==> flow/design.v <==
module gen_adder #(
    parameter NBITS = 8
) (
    input  wire clk,
    input  wire RSTN,
    input  wire [NBITS-1:0] dataa,
    input  wire [NBITS-1:0] datab,
    input  wire cin,
    output reg [NBITS-1:0] o,
    output reg carry
);
    wire [NBITS:0] val = dataa + datab + cin;
    always @(posedge clk or negedge RSTN) begin
        if (~RSTN) begin
            o <= 0;
            carry <= 1'b0;
        end else begin
            o <= val[NBITS-1:0];
            carry <= val[NBITS];
        end
    end
endmodule
# From RTL to reports: gen_adder
# Module gen_adder in several versions that differ in "NBITS"; each step lists the members.
# The RTL above is that of NBITS = 8; lines are counted from 1 in the file of the member named.
# The mark - stands for no value.
# design
design	gen_adder
clock_port	clk
cell_library	sky130hd
pvt_corner	tt_025C_1v80

# Source of the members
# Lines of each other member's file that are new or changed against the file above; lines that a member lacks are not shown.
# src_changes
NBITS	line	text
14	2	parameter NBITS = 14
128	2	parameter NBITS = 128

# Word-level counts
# Source: Yosys, flattened and elaborated, memories not mapped. Widths are those after wreduce; folded enables and synchronous resets count as part of the registers. Registers that Yosys merges into a memory's read port (data or address) are not register bits. Print and check cells do not count. Equal cells are merged and count once.
# op_classes
NBITS	n_addsub
8	2
14	2
128	2
# ops
NBITS	operators
8	8-bit by 8-bit adder with 9-bit output: 1; 9-bit by 1-bit adder with 9-bit output: 1
14	14-bit by 14-bit adder with 15-bit output: 1; 15-bit by 1-bit adder with 15-bit output: 1
128	128-bit by 128-bit adder with 129-bit output: 1; 129-bit by 1-bit adder with 129-bit output: 1
# bits
NBITS	ff_bits	inputBits	out_inout_bits	word_cells
8	9	19	9	4
14	15	31	15	4
128	129	259	129	4

# Logic depth
# Depth = most cells in a row (Yosys ltp): at word level without a register or memory, in the mapped netlist without a sequential cell, where the memories' decode and read muxes count.
# logic_depth
NBITS	ltp_word	ABC_AREA	depth_mapped	depth_no_buf
8	2	0	6	6
14	2	0	8	8
128	2	0	14	14

# Mapped cells and area
# Source: synth_stat.txt of the flow (Yosys; design flattened, memories mapped). It holds for the ABC_AREA given above (unset counts as 0); a run with the other value may have another netlist.
# mapped
NBITS	stdcells	synth_area_um2	seq_area_um2	flip_flops	buf_cells
8	51	556.8	225.2	9	0
14	97	1033.5	375.4	15	0
128	1405	11508.5	3228.1	129	64
# by_type
NBITS	cell_types
8	sky130_fd_sc_hd__dfrtp_1: 9; sky130_fd_sc_hd__ha_1: 7; sky130_fd_sc_hd__fa_1: 2; sky130_fd_sc_hd__a21oi_1: 5; sky130_fd_sc_hd__a311o_1: 2; sky130_fd_sc_hd__xnor2_1: 2; sky130_fd_sc_hd__xor2_1: 2; sky130_fd_sc_hd__a21o_1: 2; sky130_fd_sc_hd__nor2b_1: 2; sky130_fd_sc_hd__nand2_1: 3; sky130_fd_sc_hd__mux2i_1: 1; sky130_fd_sc_hd__nand3_1: 2; sky130_fd_sc_hd__nor3_1: 2; sky130_fd_sc_hd__a2111oi_0: 1; sky130_fd_sc_hd__a221oi_1: 1; sky130_fd_sc_hd__inv_1: 2; sky130_fd_sc_hd__nor2_1: 2; sky130_fd_sc_hd__o21bai_1: 1; [+3]
14	sky130_fd_sc_hd__dfrtp_1: 15; sky130_fd_sc_hd__ha_1: 13; sky130_fd_sc_hd__xnor2_1: 8; sky130_fd_sc_hd__a21oi_1: 8; sky130_fd_sc_hd__fa_1: 2; sky130_fd_sc_hd__a21o_1: 5; sky130_fd_sc_hd__a21oi_2: 4; sky130_fd_sc_hd__xor2_1: 4; sky130_fd_sc_hd__nand2_1: 5; sky130_fd_sc_hd__nand2b_1: 3; sky130_fd_sc_hd__nor2b_1: 3; sky130_fd_sc_hd__a21boi_0: 2; sky130_fd_sc_hd__a311oi_2: 1; sky130_fd_sc_hd__inv_1: 4; sky130_fd_sc_hd__nor2_1: 4; sky130_fd_sc_hd__o2111ai_2: 1; sky130_fd_sc_hd__a311o_1: 1; sky130_fd_sc_hd__and4_2: 1; [+13]
128	sky130_fd_sc_hd__dfrtp_1: 129; sky130_fd_sc_hd__ha_1: 127; sky130_fd_sc_hd__a21oi_1: 193; sky130_fd_sc_hd__xnor2_1: 82; sky130_fd_sc_hd__nand2_1: 139; sky130_fd_sc_hd__o21ai_0: 104; sky130_fd_sc_hd__nand4_1: 68; sky130_fd_sc_hd__nor2_1: 108; sky130_fd_sc_hd__xor2_1: 41; sky130_fd_sc_hd__a21o_1: 46; sky130_fd_sc_hd__o21bai_1: 41; sky130_fd_sc_hd__clkbuf_1: 51; sky130_fd_sc_hd__inv_1: 36; sky130_fd_sc_hd__o21a_1: 18; sky130_fd_sc_hd__nor3_1: 23; sky130_fd_sc_hd__a21boi_0: 15; sky130_fd_sc_hd__a31oi_1: 16; sky130_fd_sc_hd__nand3_1: 17; [+151]
# A list marked [+n] leaves out that many cells.

# Worst setup path after synthesis
# OpenSTA on the mapped netlist: ideal clock, no wires. The path of least setup slack (recovery checks aside). Input and output delay are each 20% of the period. Register names are those of the netlist, which keeps one name where synthesis merged equal registers.
# synth_path
NBITS	kind	start	end	tclk_ns	path_slack_ns	stages	delay_ns	period_less_setup_slack_ns
8	input to register	in dataa[0]	reg carry	2.22	0.358	6	1.419	1.862
14	input to register	in dataa[0]	reg carry	2.48	0.396	8	1.588	2.084
128	input to register	in dataa[0]	reg carry	4.94	0.791	14	3.161	4.149
# "delay_ns" is the arrival time less input delay plus setup time.
# "stages" counts driving pins, that of a launching flip-flop among them; a cell with two outputs on the path counts twice.
# "period_less_setup_slack_ns" = period - worst setup slack (recovery checks aside). The figure is calculated, with input and output delays left at 20% of the set period.
# Between the ends stands the longest chain of elaborated cells between them, by number of cells; it is not shown to be the way that was timed. Of several equally long chains one is given.
# Each line given opens the expression or statement behind the cell; cells for indexed reads and writes are added by Yosys, which also makes memories of some case tables.
# synth_between_NBITS_8
elab_chain_len	2
# synth_rtl_NBITS_8
item	line	text
start: declaration	6	input  wire [NBITS-1:0] dataa,
8-bit by 8-bit adder with 9-bit output	12	wire [NBITS:0] val = dataa + datab + cin;
9-bit by 1-bit adder with 9-bit output	12
end: assignment	16	carry <= 1'b0;
end: assignment	19	carry <= val[NBITS];
end: declaration	10	output reg carry
# synth_between_NBITS_128
elab_chain_len	2
# synth_rtl_NBITS_128
item	line	text
start: declaration	6	input  wire [NBITS-1:0] dataa,
128-bit by 128-bit adder with 129-bit output	12	wire [NBITS:0] val = dataa + datab + cin;
129-bit by 1-bit adder with 129-bit output	12
end: assignment	16	carry <= 1'b0;
end: assignment	19	carry <= val[NBITS];
end: declaration	10	output reg carry

# Worst path after layout
# From the final timing report of each member's run: the path of least setup slack in the routed layout; clock arrival at registers is part of the times.
# layout_path
NBITS	kind	start	end	tclk_ns	path_slack_ns	stages	t_arrival_ns	n_path_buf
8	input to register	in dataa[0]	reg carry	2.22	0.11	7	2.25	1
14	input to register	in dataa[0]	reg carry	2.48	0.10	9	2.53	1
128	input to register	in dataa[0]	reg o[106]	4.94	0.36	15	4.93	1

# Layout results
# Settings and results of one run of the flow (Yosys, OpenROAD) for each member follow. The constraints put input and output delay at 20% of the set period each and load the outputs with 0.01 pF.
# flow_settings
CAP_MARGIN	20
CORE_MARGIN	2
CORE_UTILIZATION	40
SLEW_MARGIN	20
# settings_by_member
NBITS	period_ns
8	2.22
14	2.48
128	4.94
# results
NBITS	synthArea_um2	total_die_area_um2	layout_stdcell_area_um2	post_route_util_pct	final_setup_ws_ns	final_setup_tns_ns	power.total_uw	clock_period_reached_ns
8	556.8	1706.5	900.9	69.2	0.108	0.000	541	2.112
14	1033.5	3006.3	1562.8	63.7	0.101	0.000	793.1	2.379
128	11508.5	30143.9	16364.4	57.3	0.361	0.000	4843	4.579
# "clock_period_reached_ns" = clock period - worst setup slack. The figure is calculated, with input and output delays left at 20% of the set period.
# "power.total_uw" rests on the timing tool's default activity at the inputs, not on a simulated workload.
